==> flow/design.v <==
module u_switch (clk, d, choose, q);
   parameter DW = 10;
   parameter LANES = 16;
   input clk;
   input [LANES*DW-1:0] d;
   input [LANES-1:0] choose;
   output [DW-1:0] q;
   reg [DW-1:0] cur;
   integer n;
   always @(*) begin
      cur = 0;
      for (n = LANES-1; n >= 0; n = n - 1)
         if (choose[n]) cur = d[n*DW +: DW];
   end
   reg [DW-1:0] q_r;
   always @(posedge clk)
      q_r <= cur;
   assign q = q_r;
endmodule
# Step by step through the tools: u_switch
# What the tools print for u_switch, step after step.
# Lines are those of the file above, counted from 1.
# Operators carry their Yosys type and port widths (W data, S select, Z words).
# Not given: --
[design] top="u_switch" clock_port="clk" lib="sky130hd" corner="tt_025C_1v80"

# After elaboration
# Yosys after proc, flatten, opt, wreduce and memory -nomap, before mapping. Enables and synchronous resets that opt folds into registers are not counted as muxes. Memory bits, and registers merged into a memory's read port (data or address), are not among the register bits. Print and check cells are not counted. Equal cells are merged and count once.
[classes] muxes=16
[ops] op="$mux W10" count=16
[bits] word_cells=17 inputBits=177 out_inout_bits=10 ff_bits=10

# Depth
# Longest topological path by Yosys (ltp), each cell counted once; first at word level (registers and memories cut), then after technology mapping (sequential cells cut; the memories' decode and read muxes count).
[logic_depth] ltp_word=16 ABC_AREA=0 mapped_depth=6

# Mapped cells and area
# The flow's flattened synthesis, as Yosys stat reports it; memories are mapped. The netlist is that of the ABC_AREA named above (0 if unset); the other value can give another one.
[mapped] flip_flops=10 cell_count=218 area_um2=1665.3
[by_type] cell_type="sky130_fd_sc_hd__dfxtp_1" count=10
[by_type] cell_type="sky130_fd_sc_hd__a22oi_1" count=18
[by_type] cell_type="sky130_fd_sc_hd__o221ai_1" count=13
[by_type] cell_type="sky130_fd_sc_hd__a211oi_2" count=6
[by_type] cell_type="sky130_fd_sc_hd__nor2b_1" count=12
[by_type] cell_type="sky130_fd_sc_hd__o211ai_1" count=10
[by_type] cell_type="sky130_fd_sc_hd__o22ai_1" count=12
[by_type] cell_type="sky130_fd_sc_hd__a221oi_1" count=8
[by_type] cell_type="sky130_fd_sc_hd__or4_4" count=6
[by_type] cell_type="sky130_fd_sc_hd__nor4b_1" count=7
[by_type] cell_type="sky130_fd_sc_hd__a222oi_1" count=6
[by_type] cell_type="sky130_fd_sc_hd__nor3b_1" count=8
[by_type] cell_type="sky130_fd_sc_hd__a211o_1" count=6
[by_type] cell_type="sky130_fd_sc_hd__a21oi_1" count=9
[by_type] cell_type="sky130_fd_sc_hd__nand2_1" count=12
[by_type] cell_type="sky130_fd_sc_hd__a2111oi_0" count=5
[by_type] cell_type="sky130_fd_sc_hd__clkbuf_1" count=11
[by_type] cell_type="sky130_fd_sc_hd__and3b_1" count=4
# Other cell types: 23; their cells: 55.

# Path before layout
# OpenSTA on the mapped netlist: ideal clock, no wires. The path of least setup slack (recovery checks aside). Input and output delay are each 20% of the period. Register names are those of the netlist, which keeps one name where synthesis merged equal registers.
[synth_path] kind="input to register" start="input port (no name shown)" end="register q_r[3]" n_path_buf=2 tclk_ps=2020 setup_time_ps=116 launch_ps=404 slack_ps=323 stages=6 delay_ps=1293 arrival_time_ps=1581 in_delay_ps=404 period_less_setup_slack_ps=1697
# "delay_ps" = arrival - input delay + setup time.
# "stages" counts driving pins, that of a launching flip-flop among them; a cell with two outputs on the path counts twice.
# "period_less_setup_slack_ps" = period - worst setup slack (recovery checks aside). The figure is calculated, with input and output delays left at 20% of the set period.
# The rows between start and end are the longest chain of elaborated cells between them; the timing report does not say that the signal goes this way. Where chains are equally long, one stands for them.
# A line is the first line of the expression or statement that the cell stems from. Yosys adds cells for indexed reads and writes and turns some case tables into memories.
[synth_via] path_cell_list="sky130_fd_sc_hd__buf_2 sky130_fd_sc_hd__buf_2 sky130_fd_sc_hd__or3b_2 sky130_fd_sc_hd__nor2_1 sky130_fd_sc_hd__o31ai_1 sky130_fd_sc_hd__a31o_2" elab_chain_len=11 cone_cells=11 cone_classes="mux (11)"
[synth_lines] item="from (decl)" line_no=6
[synth_lines] item="$mux W10 x11" line_no=13
[synth_lines] item="to (assign)" line_no=17 text="q_r <= cur;"
[synth_lines] item="to (decl)" line_no=15 text="reg [DW-1:0] q_r;"

# Timing after layout
# From the final timing report of job 1: the path of least setup slack in the routed layout; clock arrival at registers is part of the times.
# The report prints the path's times to 10 ps; the period is as set.
[layout_path] kind="input to register" start="input port (no name shown)" end="register q_r[7]" tclk_ps=2020 setup_time_ps=110 n_path_buf=2 stages=6 slack_ps=-150 arrival_time_ps=2320 launch_ps=400 in_delay_ps=400
# The rows between start and end are the longest chain of elaborated cells between them; the timing report does not say that the signal goes this way. Where chains are equally long, one stands for them.
[layout_via] path_cell_list="sky130_fd_sc_hd__dlymetal6s2s_1 sky130_fd_sc_hd__buf_4 sky130_fd_sc_hd__nor2b_2 sky130_fd_sc_hd__a222oi_1 sky130_fd_sc_hd__a21oi_1 sky130_fd_sc_hd__a211o_1" elab_chain_len=6 cone_cells=6 cone_classes="mux (6)"
[layout_lines] item="from (decl)" line_no=6
[layout_lines] item="$mux W10 x6" line_no=13
[layout_lines] item="to (assign)" line_no=17 text="q_r <= cur;"
[layout_lines] item="to (decl)" line_no=15 text="reg [DW-1:0] q_r;"

# Design u_switch on sky130hd. What follows are 3 stored runs of the flow, each under its own settings; their order means nothing. The constraints put input and output delay at 20% of the set period each and load the outputs with 0.01 pF.
# "period_less_ws_ps": clock period set for the run, less the worst setup slack. It is reckoned from that one timing run; input and output delays stay at 20% of the period that was set.
# "worstPathTime_ps" is the time allowed to the run's worst setup path (the clock period less input and output delay, where it has them) less its slack. Clock arrival times count: a late capture clock shortens it, a late launch clock lengthens it.
# "power_mw": no workload was simulated; the value follows from the tool's default switching activity.
# "worstPathTime_ps" is given in steps of 10 ps.
run="job 1" settings period_ns=2.02 CAP_MARGIN=20 CORE_MARGIN=2 CORE_UTILIZATION=40 SLEW_MARGIN=20
run="job 1" results finish.stdcell_area_um2=3801.2 fin_tns_ps=-348 setup_worst_slack_ps=-153 power_mw=1.333 util_pct=95.0 worstPathTime_ps=1770 worst_path_kind="input to register" synth_area_um2=1665.3 dieArea_um2=4695.7 period_less_ws_ps=2173 hold_ws_ps=736
run="job 2" settings period_ns=2.36 CORE_UTILIZATION=32 SETUP_SLACK_MARGIN=0.58 PLACE_DENSITY_LB_ADDON=0.3 CELL_PAD_IN_SITES_GLOBAL_PLACEMENT=1 TNS_END_PERCENT=55 GPL_ROUTABILITY_DRIVEN=1 CTS_CLUSTER_DIAMETER=86 CAP_MARGIN=10 CORE_MARGIN=2 SLEW_MARGIN=20
run="job 2" outcome="stopped before the end: placement reported FLW-0024"
run="job 3" settings period_ns=1.94 CORE_UTILIZATION=36 PLACE_DENSITY_LB_ADDON=0.25 CORE_MARGIN=8 CELL_PAD_IN_SITES_GLOBAL_PLACEMENT=3 TNS_END_PERCENT=55 ABC_AREA=1 GPL_TIMING_DRIVEN=1 CTS_CLUSTER_DIAMETER=60 SLEW_MARGIN=5 CAP_MARGIN=20
run="job 3" outcome="stopped before the end: placement reported FLW-0024"
